==> flow/design.v <==
module gen_mpy_stage (core_clk, srst, in_rs1, in_rs2, out_prod);
  parameter DATA_W = 14;
  input core_clk;
  input srst;
  input signed [DATA_W-1:0] in_rs1;
  input signed [DATA_W-1:0] in_rs2;
  output reg signed [2*DATA_W-1:0] out_prod;
  always @(posedge core_clk or posedge srst) begin
    if (srst) begin
      out_prod <= 0;
    end else begin
      out_prod <= in_rs1 * in_rs2;
    end
  end
endmodule
Reports on gen_mpy_stage --
Tool output for the design above, in the order of the flow. Line numbers count from 1 in the design file above. Library cell names are shortened. The mark -- stands for no value.
Design: top gen_mpy_stage, clock port core_clk, standard-cell library sky130hd, library corner tt_025C_1v80

Elaborated design --
Yosys after proc, flatten, opt, wreduce and memory -nomap, before mapping. Enables and synchronous resets that opt folds into registers are not counted as muxes. Memory bits, and registers merged into a memory's read port (data or address), are not among the register bits. Print and check cells are not counted. Equal cells are merged and count once.
Bit counts: register bits after elaboration 28, latch bits 0, memory bits (writable) 0, memory bits (read-only) 0, clocked read ports x word width 0, memories 0, input bits 30, output and inout port bits 28, cells after elaboration 2
Cells by class: add/sub/neg operators 0, multipliers 1, divide/modulo/power cells 0, order comparisons 0, equal/unequal tests 0, shift-type cells 0, multiplexer cells 0, bitwise logic cells 0, reduce/logical cells 0
Operators with widths (number):
- 14-bit by 14-bit multiplier with 28-bit output | 1

Logic depth --
Longest topological path by Yosys (ltp), each cell counted once; first at word level (registers and memories cut), then after technology mapping (sequential cells cut; the memories' decode and read muxes count).
Logic depth: depth after elaboration 1, ABC_AREA 0, depth in mapped cells 21, depth with buffers taken out 20

After synthesis --
Source: synth_stat.txt of the flow (Yosys; design flattened, memories mapped). It holds for the ABC_AREA given above (unset counts as 0); a run with the other value may have another netlist.
Cell types:
- fa_1 | number 195, area in all 3.9E+03 sq um
- ha_1 | number 67, area in all 838.304 sq um
- inv_1 | number 214, area in all 803.27 sq um
- dfrtp_1 | number 28, area in all 700.672 sq um
- and2_1 | number 108, area in all 675.648 sq um
- nand2_1 | number 97, area in all 364.099 sq um
- xnor2_1 | number 25, area in all 218.96 sq um
- a21oi_1 | number 26, area in all 130.125 sq um
- clkbuf_1 | number 26, area in all 97.594 sq um
- nor2_1 | number 19, area in all 71.318 sq um
- o21ai_0 | number 13, area in all 65.062 sq um
- xor2_1 | number 5, area in all 43.792 sq um
- nand2b_1 | number 6, area in all 37.536 sq um
- o21ai_1 | number 6, area in all 30.029 sq um
- a211oi_2 | number 2, area in all 25.024 sq um
- a21o_1 | number 3, area in all 22.522 sq um
- o21a_1 | number 3, area in all 22.522 sq um
- o21bai_1 | number 3, area in all 22.522 sq um
Other cell types: 26; their cells: 36.
Mapped netlist: mapped cells 882, chip area (Yosys) 8340.5 sq um, sequential area 700.7 sq um, mapped flip-flops 28, buffer cells 28

Worst setup path after synthesis --
Source: OpenSTA report_checks on the synthesized netlist (no wires, ideal clock, input and output delay 20% of the period each), path of least setup slack; recovery checks are left aside. Register names are those of the netlist, which keeps one name where synthesis merged equal registers.
Timing path post-synthesis: path type input-to-reg, start input port in_rs1[13], end register out_prod[27], clock period 8.25 ns, input delay 1.650 ns, setup time 0.128 ns, time at the first pin 1.650 ns, arrival 6.805 ns, data required time 8.122 ns, slack 1.317 ns, delay of the path 5.283 ns, driving pins on the path 18, path buffers 1, synthesis period reached 6.933 ns
"delay of the path" is the arrival time less input delay plus setup time. "driving pins on the path": output pins that drive a net of the path, with the launching flip-flop's if there is one; two outputs of one cell count as two. "synthesis period reached" is the clock period less the worst setup slack; recovery checks do not enter. This is arithmetic on one report: input and output delays are still those of the set period (20% each). Between the ends stands the longest chain of elaborated cells between them, by number of cells; it is not shown to be the way that was timed. Of several equally long chains one is given. Each line given opens the expression or statement behind the cell; cells for indexed reads and writes are added by Yosys, which also makes memories of some case tables.
Between the ends, post-synthesis: path through clkbuf_1 nand2_1 fa_1 fa_1 inv_1 fa_1 inv_1 fa_1 fa_1 fa_1 inv_1 ha_1 a211oi_2 nand2_1 o211a_1 o21a_1 a311oi_2 xnor2_1, cells in the longest elaborated chain 1, elaborated cells between the ends (all ways) 1, RTL lines with such cells 1, those cells by class 1 x mul
Ends and longest elaborated chain, post-synthesis:
- start, declared | line 5 | input signed [DATA_W-1:0] in_rs1;
- 14-bit by 14-bit multiplier with 28-bit output | line 12 | out_prod <= in_rs1 * in_rs2;
- end, assigned | line 10 | out_prod <= 0;
- end, assigned | line 12
- end, declared | line 7 | output reg signed [2*DATA_W-1:0] out_prod;

Timing after layout --
Path of least setup slack in the final report of flow run A (OpenROAD, finished layout, wires in). Where an end is a register, its clock arrival counts in the times.
Timing path after layout: path type input-to-reg, start input port in_rs1[13], end register out_prod[25], clock period 12.5 ns, input delay 2.50 ns, setup time 0.11 ns, time at the first pin 2.50 ns, arrival 8.64 ns, data required time 12.65 ns, slack 4.01 ns, driving pins on the path 17, path buffers 1
Between the ends stands the longest chain of elaborated cells between them, by number of cells; it is not shown to be the way that was timed. Of several equally long chains one is given.
Between the ends, after layout: path through clkdlybuf4s50_1 nand2_1 fa_1 fa_1 inv_1 fa_1 fa_1 fa_1 inv_1 fa_1 inv_1 ha_1 a21oi_1 o2111ai_1 a21oi_1 o21ai_1 o311a_1, cells in the longest elaborated chain 1, elaborated cells between the ends (all ways) 1, RTL lines with such cells 1, those cells by class 1 x mul
Ends and longest elaborated chain, after layout:
- start, declared | line 5 | input signed [DATA_W-1:0] in_rs1;
- 14-bit by 14-bit multiplier with 28-bit output | line 12 | out_prod <= in_rs1 * in_rs2;
- end, assigned | line 10 | out_prod <= 0;
- end, assigned | line 12
- end, declared | line 7 | output reg signed [2*DATA_W-1:0] out_prod;

Hand-over note for gen_mpy_stage

Measured results for gen_mpy_stage: 3 stored runs of the Yosys and OpenROAD flow on sky130hd. The settings differ; the order carries no meaning. The constraints put input and output delay at 20% of the set period each and load the outputs with 0.01 pF.
"reached clock period" is the run's clock period less its worst setup slack. It is reckoned from that one timing run; input and output delays stay at 20% of the period that was set.

[flow run A] flow files
==> flow/run.sh <==
#!/bin/bash
# the make line also repeats the synthesis and layout settings of config.mk as NAME=value (left out here)
make -C /OpenROAD-flow-scripts/flow DESIGN_CONFIG=/design/flow/config.mk WORK_HOME=/design/flow/orfs CLKGATE_MAP_FILE= finish
==> flow/config.mk <==
export PLATFORM = sky130hd
export DESIGN_NAME = gen_mpy_stage
export DESIGN_NICKNAME = gen_mpy_stage
export VERILOG_FILES = /design/flow/design.v
export SDC_FILE = /design/flow/constraint.sdc
export NUM_CORES = 4
export LEC_CHECK = 0
export ABC_AREA = 0
export CAP_MARGIN = 20
export CORE_MARGIN = 2
export CORE_UTILIZATION = 41
export MIN_ROUTING_LAYER = met2
export PLACE_DENSITY_LB_ADDON = 0.1
export SETUP_SLACK_MARGIN = 1.26
export SLEW_MARGIN = 10
==> flow/constraint.sdc <==
create_clock -name core_clock -period 12.5 [get_ports {core_clk}]
set_input_delay 2.5000 -clock core_clock [delete_from_list [all_inputs] [get_ports {core_clk}]]
set_output_delay 2.5000 -clock core_clock [all_outputs]
set_load 0.01 [all_outputs]

[flow run A] result: reached clock period 8.494 ns; cell area after synthesis 8340.5 sq um; area inside the die boundary 21498.9 sq um; smallest setup slack 4.006 ns; final utilization 0.46; total negative slack on setup checks 0.000 ns

[flow run B] flow files
==> flow/run.sh <==
#!/bin/bash
# the make line also repeats the synthesis and layout settings of config.mk as NAME=value (left out here)
make -C /OpenROAD-flow-scripts/flow DESIGN_CONFIG=/design/flow/config.mk WORK_HOME=/design/flow/orfs CLKGATE_MAP_FILE= finish
==> flow/config.mk <==
export PLATFORM = sky130hd
export DESIGN_NAME = gen_mpy_stage
export DESIGN_NICKNAME = gen_mpy_stage
export VERILOG_FILES = /design/flow/design.v
export SDC_FILE = /design/flow/constraint.sdc
export NUM_CORES = 4
export LEC_CHECK = 0
export CAP_MARGIN = 20
export CORE_MARGIN = 2
export CORE_UTILIZATION = 37
export GPL_TIMING_DRIVEN = 1
export HOLD_SLACK_MARGIN = 0.24
export MAX_ROUTING_LAYER = met5
export PLACE_DENSITY_LB_ADDON = 0.25
export SLEW_MARGIN = 5
==> flow/constraint.sdc <==
create_clock -name core_clock -period 7.36 [get_ports {core_clk}]
set_input_delay 1.4720 -clock core_clock [delete_from_list [all_inputs] [get_ports {core_clk}]]
set_output_delay 1.4720 -clock core_clock [all_outputs]
set_load 0.01 [all_outputs]

[flow run B] result: final utilization 0.441; area inside the die boundary 23759.1 sq um; smallest setup slack 0.445 ns; cell area after synthesis 8340.5 sq um; reached clock period 6.915 ns; total negative slack on setup checks 0.000 ns

[flow run C] flow files
==> flow/run.sh <==
#!/bin/bash
# the make line also repeats the synthesis and layout settings of config.mk as NAME=value (left out here)
make -C /OpenROAD-flow-scripts/flow DESIGN_CONFIG=/design/flow/config.mk WORK_HOME=/design/flow/orfs CLKGATE_MAP_FILE= finish
==> flow/config.mk <==
export PLATFORM = sky130hd
export DESIGN_NAME = gen_mpy_stage
export DESIGN_NICKNAME = gen_mpy_stage
export VERILOG_FILES = /design/flow/design.v
export SDC_FILE = /design/flow/constraint.sdc
export NUM_CORES = 4
export LEC_CHECK = 0
export CAP_MARGIN = 20
export CORE_MARGIN = 2
export CORE_UTILIZATION = 40
export SLEW_MARGIN = 20
==> flow/constraint.sdc <==
create_clock -name core_clock -period 8.25 [get_ports {core_clk}]
set_input_delay 1.6500 -clock core_clock [delete_from_list [all_inputs] [get_ports {core_clk}]]
set_output_delay 1.6500 -clock core_clock [all_outputs]
set_load 0.01 [all_outputs]

[flow run C] result: reached clock period 7.447 ns; final utilization 0.457; smallest setup slack 0.803 ns; area inside the die boundary 22022.6 sq um; total negative slack on setup checks 0.000 ns; cell area after synthesis 8340.5 sq um

End of note.
